==> flow/design.v <==
module sync_switch_stage #(
  parameter integer DWIDTH = 2,
  parameter integer NUM = 6
) (
  input wire sys_clk,
  input wire RSTN,
  input wire [NUM*DWIDTH-1:0] val,
  input wire [NUM-1:0] addr,
  output reg [DWIDTH-1:0] z_o
);
  reg [NUM*DWIDTH-1:0] val_d1;
  reg [NUM-1:0] addr_d1;
  always @(posedge sys_clk) begin
    if (~RSTN) begin
      val_d1 <= 0;
      addr_d1 <= 0;
    end else begin
      val_d1 <= val;
      addr_d1 <= addr;
    end
  end
  reg [DWIDTH-1:0] tmp;
  integer i;
  always @(*) begin
    tmp = 0;
    for (i = NUM-1; i >= 0; i = i - 1)
      if (addr_d1[i]) tmp = val_d1[i*DWIDTH +: DWIDTH];
  end
  always @(posedge sys_clk) begin
    if (~RSTN) begin
      z_o <= 0;
    end else begin
      z_o <= tmp;
    end
  end
endmodule
Ticket comment

### Tool chain data of sync_switch_stage

Tool output for the members of one design family, told apart by "DWIDTH", in the order of the flow.
The RTL above is that of DWIDTH 2; lines are counted from 1 in the file of the member named.
Operators carry their Yosys type and port widths (W data, S select, Z words).
A cell with -- has no value.

* top: sync_switch_stage
* clock input: sys_clk
* cell library: sky130hd
* library corner: tt_025C_1v80

### Source of the members

Lines of each other member's file that are new or changed against the file above; lines that a member lacks are not shown.

Lines new or changed
* DWIDTH 4: line 2 `parameter integer DWIDTH = 4,`
* DWIDTH 12: line 2 `parameter integer DWIDTH = 12,`
* DWIDTH 20: line 2 `parameter integer DWIDTH = 20,`
* DWIDTH 24: line 2 `parameter integer DWIDTH = 24,`

### Word-level counts

Counts by Yosys on the flattened word-level netlist (proc, flatten, opt, wreduce; memories kept). Register bits leave out memories and registers merged into their read ports (data or address); mux counts leave out enables and synchronous resets folded into registers. Print and check cells are left out. Cells with the same type and inputs are merged into one.

Bit counts
* DWIDTH 2: register bits after elaboration 20, output and inout bits 2, cells after elaboration 9, input bits 20
* DWIDTH 4: register bits after elaboration 34, output and inout bits 4, cells after elaboration 9, input bits 32
* DWIDTH 12: register bits after elaboration 90, output and inout bits 12, cells after elaboration 9, input bits 80
* DWIDTH 20: register bits after elaboration 146, output and inout bits 20, cells after elaboration 9, input bits 128
* DWIDTH 24: register bits after elaboration 174, output and inout bits 24, cells after elaboration 9, input bits 152

Operators by class (mux-type cells)
* DWIDTH 2: 6
* DWIDTH 4: 6
* DWIDTH 12: 6
* DWIDTH 20: 6
* DWIDTH 24: 6

Operators with widths (kind and count)
* DWIDTH 2: 6 x $mux W2
* DWIDTH 4: 6 x $mux W4
* DWIDTH 12: 6 x $mux W12
* DWIDTH 20: 6 x $mux W20
* DWIDTH 24: 6 x $mux W24

### Longest topological paths

Longest topological path by Yosys (ltp), each cell counted once; first at word level (registers and memories cut), then after technology mapping (sequential cells cut; the memories' decode and read muxes count).

Logic depth
* DWIDTH 2: depth in word-level cells 6, ABC_AREA 0, mapped depth 3
* DWIDTH 4: depth in word-level cells 6, ABC_AREA 0, mapped depth 3
* DWIDTH 12: depth in word-level cells 6, ABC_AREA 0, mapped depth 4
* DWIDTH 20: depth in word-level cells 6, ABC_AREA 0, mapped depth 5
* DWIDTH 24: depth in word-level cells 6, ABC_AREA 0, mapped depth 6

### Mapped cells and area

The flow's flattened synthesis, as Yosys stat reports it; memories are mapped. The netlist is that of the ABC_AREA named above (0 if unset); the other value can give another one.
The area totals of this step are shown rounded.

Synthesis totals
* DWIDTH 2: flip-flop cells 20, buffer cells 2, mapped cells 58, cell area after synthesis 0.00064 mm²
* DWIDTH 4: flip-flop cells 34, buffer cells 3, mapped cells 96, cell area after synthesis 0.0011 mm²
* DWIDTH 12: flip-flop cells 90, buffer cells 20, mapped cells 265, cell area after synthesis 0.0029 mm²
* DWIDTH 20: flip-flop cells 146, buffer cells 36, mapped cells 452, cell area after synthesis 0.0048 mm²
* DWIDTH 24: flip-flop cells 174, buffer cells 44, mapped cells 540, cell area after synthesis 0.0057 mm²

Cells by type (types with counts)
* DWIDTH 2: 20 x sky130_fd_sc_hd__dfxtp_1; 18 x sky130_fd_sc_hd__and2_1; 2 x sky130_fd_sc_hd__a2111oi_1; 2 x sky130_fd_sc_hd__o311a_1; 4 x sky130_fd_sc_hd__nand2_1; 2 x sky130_fd_sc_hd__nand3b_1; 2 x sky130_fd_sc_hd__nand2b_1; 2 x sky130_fd_sc_hd__nor2b_1; 2 x sky130_fd_sc_hd__a21oi_1; 2 x sky130_fd_sc_hd__o21ai_0; 2 x sky130_fd_sc_hd__clkbuf_1
* DWIDTH 4: 34 x sky130_fd_sc_hd__dfxtp_1; 30 x sky130_fd_sc_hd__and2_1; 4 x sky130_fd_sc_hd__and3b_1; 4 x sky130_fd_sc_hd__o221ai_1; 4 x sky130_fd_sc_hd__a21o_1; 3 x sky130_fd_sc_hd__a221oi_1; 4 x sky130_fd_sc_hd__a21oi_1; 4 x sky130_fd_sc_hd__o21ai_0; 3 x sky130_fd_sc_hd__clkbuf_1; 2 x sky130_fd_sc_hd__inv_1; 1 x sky130_fd_sc_hd__nand3b_1; 1 x sky130_fd_sc_hd__a31oi_1; 1 x sky130_fd_sc_hd__nor2b_1; 1 x sky130_fd_sc_hd__nor2_1
* DWIDTH 12: 90 x sky130_fd_sc_hd__dfxtp_1; 78 x sky130_fd_sc_hd__and2_1; 12 x sky130_fd_sc_hd__and3b_1; 12 x sky130_fd_sc_hd__o221ai_1; 11 x sky130_fd_sc_hd__a221oi_1; 12 x sky130_fd_sc_hd__a21o_1; 12 x sky130_fd_sc_hd__a21oi_1; 12 x sky130_fd_sc_hd__o21ai_0; 11 x sky130_fd_sc_hd__clkbuf_1; 7 x sky130_fd_sc_hd__buf_2; 1 x sky130_fd_sc_hd__buf_4; 2 x sky130_fd_sc_hd__inv_1; 1 x sky130_fd_sc_hd__nand3b_1; 1 x sky130_fd_sc_hd__a31oi_1; 1 x sky130_fd_sc_hd__nor2b_1; 1 x sky130_fd_sc_hd__clkbuf_2; 1 x sky130_fd_sc_hd__nor2_1
* DWIDTH 20: 146 x sky130_fd_sc_hd__dfxtp_1; 126 x sky130_fd_sc_hd__and2_1; 40 x sky130_fd_sc_hd__a21oi_1; 19 x sky130_fd_sc_hd__a221o_1; 19 x sky130_fd_sc_hd__a221oi_1; 20 x sky130_fd_sc_hd__nand3b_1; 20 x sky130_fd_sc_hd__o21ai_0; 21 x sky130_fd_sc_hd__clkbuf_1; 20 x sky130_fd_sc_hd__inv_1; 10 x sky130_fd_sc_hd__buf_2; 3 x sky130_fd_sc_hd__buf_6; 2 x sky130_fd_sc_hd__dlygate4sd1_1; 1 x sky130_fd_sc_hd__a221oi_2; 1 x sky130_fd_sc_hd__o221a_1; 1 x sky130_fd_sc_hd__or2_4; 1 x sky130_fd_sc_hd__nor2b_1; 1 x sky130_fd_sc_hd__inv_2; 1 x sky130_fd_sc_hd__nand2_1
* DWIDTH 24: 174 x sky130_fd_sc_hd__dfxtp_1; 150 x sky130_fd_sc_hd__and2_1; 48 x sky130_fd_sc_hd__a21oi_1; 23 x sky130_fd_sc_hd__a221o_1; 24 x sky130_fd_sc_hd__a221oi_1; 24 x sky130_fd_sc_hd__nand3b_1; 34 x sky130_fd_sc_hd__clkbuf_1; 24 x sky130_fd_sc_hd__o21ai_0; 25 x sky130_fd_sc_hd__inv_1; 4 x sky130_fd_sc_hd__buf_6; 4 x sky130_fd_sc_hd__buf_2; 1 x sky130_fd_sc_hd__o221a_2; 2 x sky130_fd_sc_hd__buf_1; 1 x sky130_fd_sc_hd__nor2b_1; 1 x sky130_fd_sc_hd__or2_1; 1 x sky130_fd_sc_hd__nand2_1

### Timing after synthesis

OpenSTA on the mapped netlist: ideal clock, no wires. The path of least setup slack (recovery checks aside). Input and output delay are each 20% of the period. Register names are those of the netlist, which keeps one name where synthesis merged equal registers.

Path after synthesis
* DWIDTH 2: path type flip-flop to flip-flop, start register addr_d1[4], end register z_o[0], path delay 1.010 ns, slack 0.250 ns, stages on the path 4, period 1.26 ns, period reached after synthesis 1.01 ns
* DWIDTH 4: path type flip-flop to flip-flop, start register addr_d1[4], end register z_o[2], path delay 0.926 ns, slack 0.234 ns, stages on the path 4, period 1.16 ns, period reached after synthesis 0.926 ns
* DWIDTH 12: path type flip-flop to flip-flop, start register addr_d1[1], end register z_o[0], path delay 1.027 ns, slack 0.253 ns, stages on the path 5, period 1.28 ns, period reached after synthesis 1.027 ns
* DWIDTH 20: path type flip-flop to flip-flop, start register addr_d1[2], end register z_o[10], path delay 1.135 ns, slack 0.286 ns, stages on the path 6, period 1.42 ns, period reached after synthesis 1.134 ns
* DWIDTH 24: path type flip-flop to flip-flop, start register addr_d1[1], end register z_o[2], path delay 1.297 ns, slack 0.323 ns, stages on the path 7, period 1.62 ns, period reached after synthesis 1.297 ns

"path delay" = arrival - input delay + setup time.
"stages on the path": output pins that drive a net of the path, with the launching flip-flop's if there is one; two outputs of one cell count as two.
"period reached after synthesis" = period - worst setup slack (recovery checks aside). The figure is calculated, with input and output delays left at 20% of the set period.
The rows between start and end are the longest chain of elaborated cells between them; the timing report does not say that the signal goes this way. Where chains are equally long, one stands for them.
Each line given opens the expression or statement behind the cell; cells for indexed reads and writes are added by Yosys, which also makes memories of some case tables.

On the way, after synthesis, DWIDTH 2:
* length of the longest elaborated chain: 5

RTL lines, path after synthesis, DWIDTH 2
* start: declaration: line 12 `reg [NUM-1:0] addr_d1;`
* start: assignment: line 16 `addr_d1 <= 0;`
* start: assignment: line 19 `addr_d1 <= addr;`
* $mux W2 x5: line 27 `if (addr_d1[i]) tmp = val_d1[i*DWIDTH +: DWIDTH];`
* end: assignment: line 31 `z_o <= 0;`
* end: assignment: line 33 `z_o <= tmp;`
* end: declaration: line 9 `output reg [DWIDTH-1:0] z_o`

On the way, after synthesis, DWIDTH 24:
* length of the longest elaborated chain: 2

RTL lines, path after synthesis, DWIDTH 24
* start: declaration: line 12 `reg [NUM-1:0] addr_d1;`
* start: assignment: line 16 `addr_d1 <= 0;`
* start: assignment: line 19 `addr_d1 <= addr;`
* $mux W24 x2: line 27 `if (addr_d1[i]) tmp = val_d1[i*DWIDTH +: DWIDTH];`
* end: assignment: line 31 `z_o <= 0;`
* end: assignment: line 33 `z_o <= tmp;`
* end: declaration: line 9 `output reg [DWIDTH-1:0] z_o`

### Worst path after layout

Path of least setup slack in the final report of each member's run (OpenROAD, finished layout, wires in). Where an end is a register, its clock arrival counts in the times.

Path post-layout
* DWIDTH 2: path type flip-flop to flip-flop, start register addr_d1[3], end register z_o[0], period 1.26 ns, stages on the path 4, slack 0.12 ns, arrival 1.38 ns, path buffers 0
* DWIDTH 4: path type flip-flop to output port, start register z_o[3], end output port z_o[3], period 1.16 ns, stages on the path 2, slack 0.07 ns, arrival 0.86 ns, path buffers 1
* DWIDTH 12: path type flip-flop to output port, start register z_o[0], end output port z_o[0], period 1.28 ns, stages on the path 2, slack 0.07 ns, arrival 0.95 ns, path buffers 1
* DWIDTH 20: path type flip-flop to output port, start register z_o[6], end output port z_o[6], period 1.42 ns, stages on the path 2, slack 0.08 ns, arrival 1.05 ns, path buffers 1
* DWIDTH 24: path type flip-flop to flip-flop, start register addr_d1[1], end register z_o[16], period 1.62 ns, stages on the path 6, slack 0.03 ns, arrival 1.93 ns, path buffers 2

### Measured runs

Settings and results of one run of the flow (Yosys, OpenROAD) for each member follow. The constraints put input and output delay at 20% of the set period each and load the outputs with 0.01 pF.

* CAP_MARGIN: 20
* CORE_MARGIN: 2
* CORE_UTILIZATION: 40
* SLEW_MARGIN: 20

Settings by member (period_ns)
* DWIDTH 2: 1.26
* DWIDTH 4: 1.16
* DWIDTH 12: 1.28
* DWIDTH 20: 1.42
* DWIDTH 24: 1.62

Measured results
* DWIDTH 2: standard-cell area after routing 0.0009 mm², worst hold slack 0.52 ns, netlist area reported by Yosys 0.00064 mm², final setup TNS 0.000 ns, period reached 1.143 ns, worst slack on setup checks 0.12 ns, power 1.1 mW, area of the die 0.0019 mm²
* DWIDTH 4: standard-cell area after routing 0.0016 mm², worst hold slack 0.46 ns, netlist area reported by Yosys 0.0011 mm², final setup TNS 0.000 ns, period reached 1.093 ns, worst slack on setup checks 0.067 ns, power 2.6 mW, area of the die 0.0031 mm²
* DWIDTH 12: standard-cell area after routing 0.0042 mm², worst hold slack 0.30 ns, netlist area reported by Yosys 0.0029 mm², final setup TNS 0.000 ns, period reached 1.210 ns, worst slack on setup checks 0.070 ns, power 5.8 mW, area of the die 0.008 mm²
* DWIDTH 20: standard-cell area after routing 0.007 mm², worst hold slack 0.35 ns, netlist area reported by Yosys 0.0048 mm², final setup TNS 0.000 ns, period reached 1.339 ns, worst slack on setup checks 0.081 ns, power 9.9 mW, area of the die 0.013 mm²
* DWIDTH 24: standard-cell area after routing 0.0082 mm², worst hold slack 0.37 ns, netlist area reported by Yosys 0.0057 mm², final setup TNS 0.000 ns, period reached 1.586 ns, worst slack on setup checks 0.034 ns, power 9.4 mW, area of the die 0.015 mm²

"period reached" = clock period - worst setup slack. The figure is calculated, with input and output delays left at 20% of the set period.
"power": no workload was simulated; the value follows from the tool's default switching activity.
Values from the reports are rounded here.
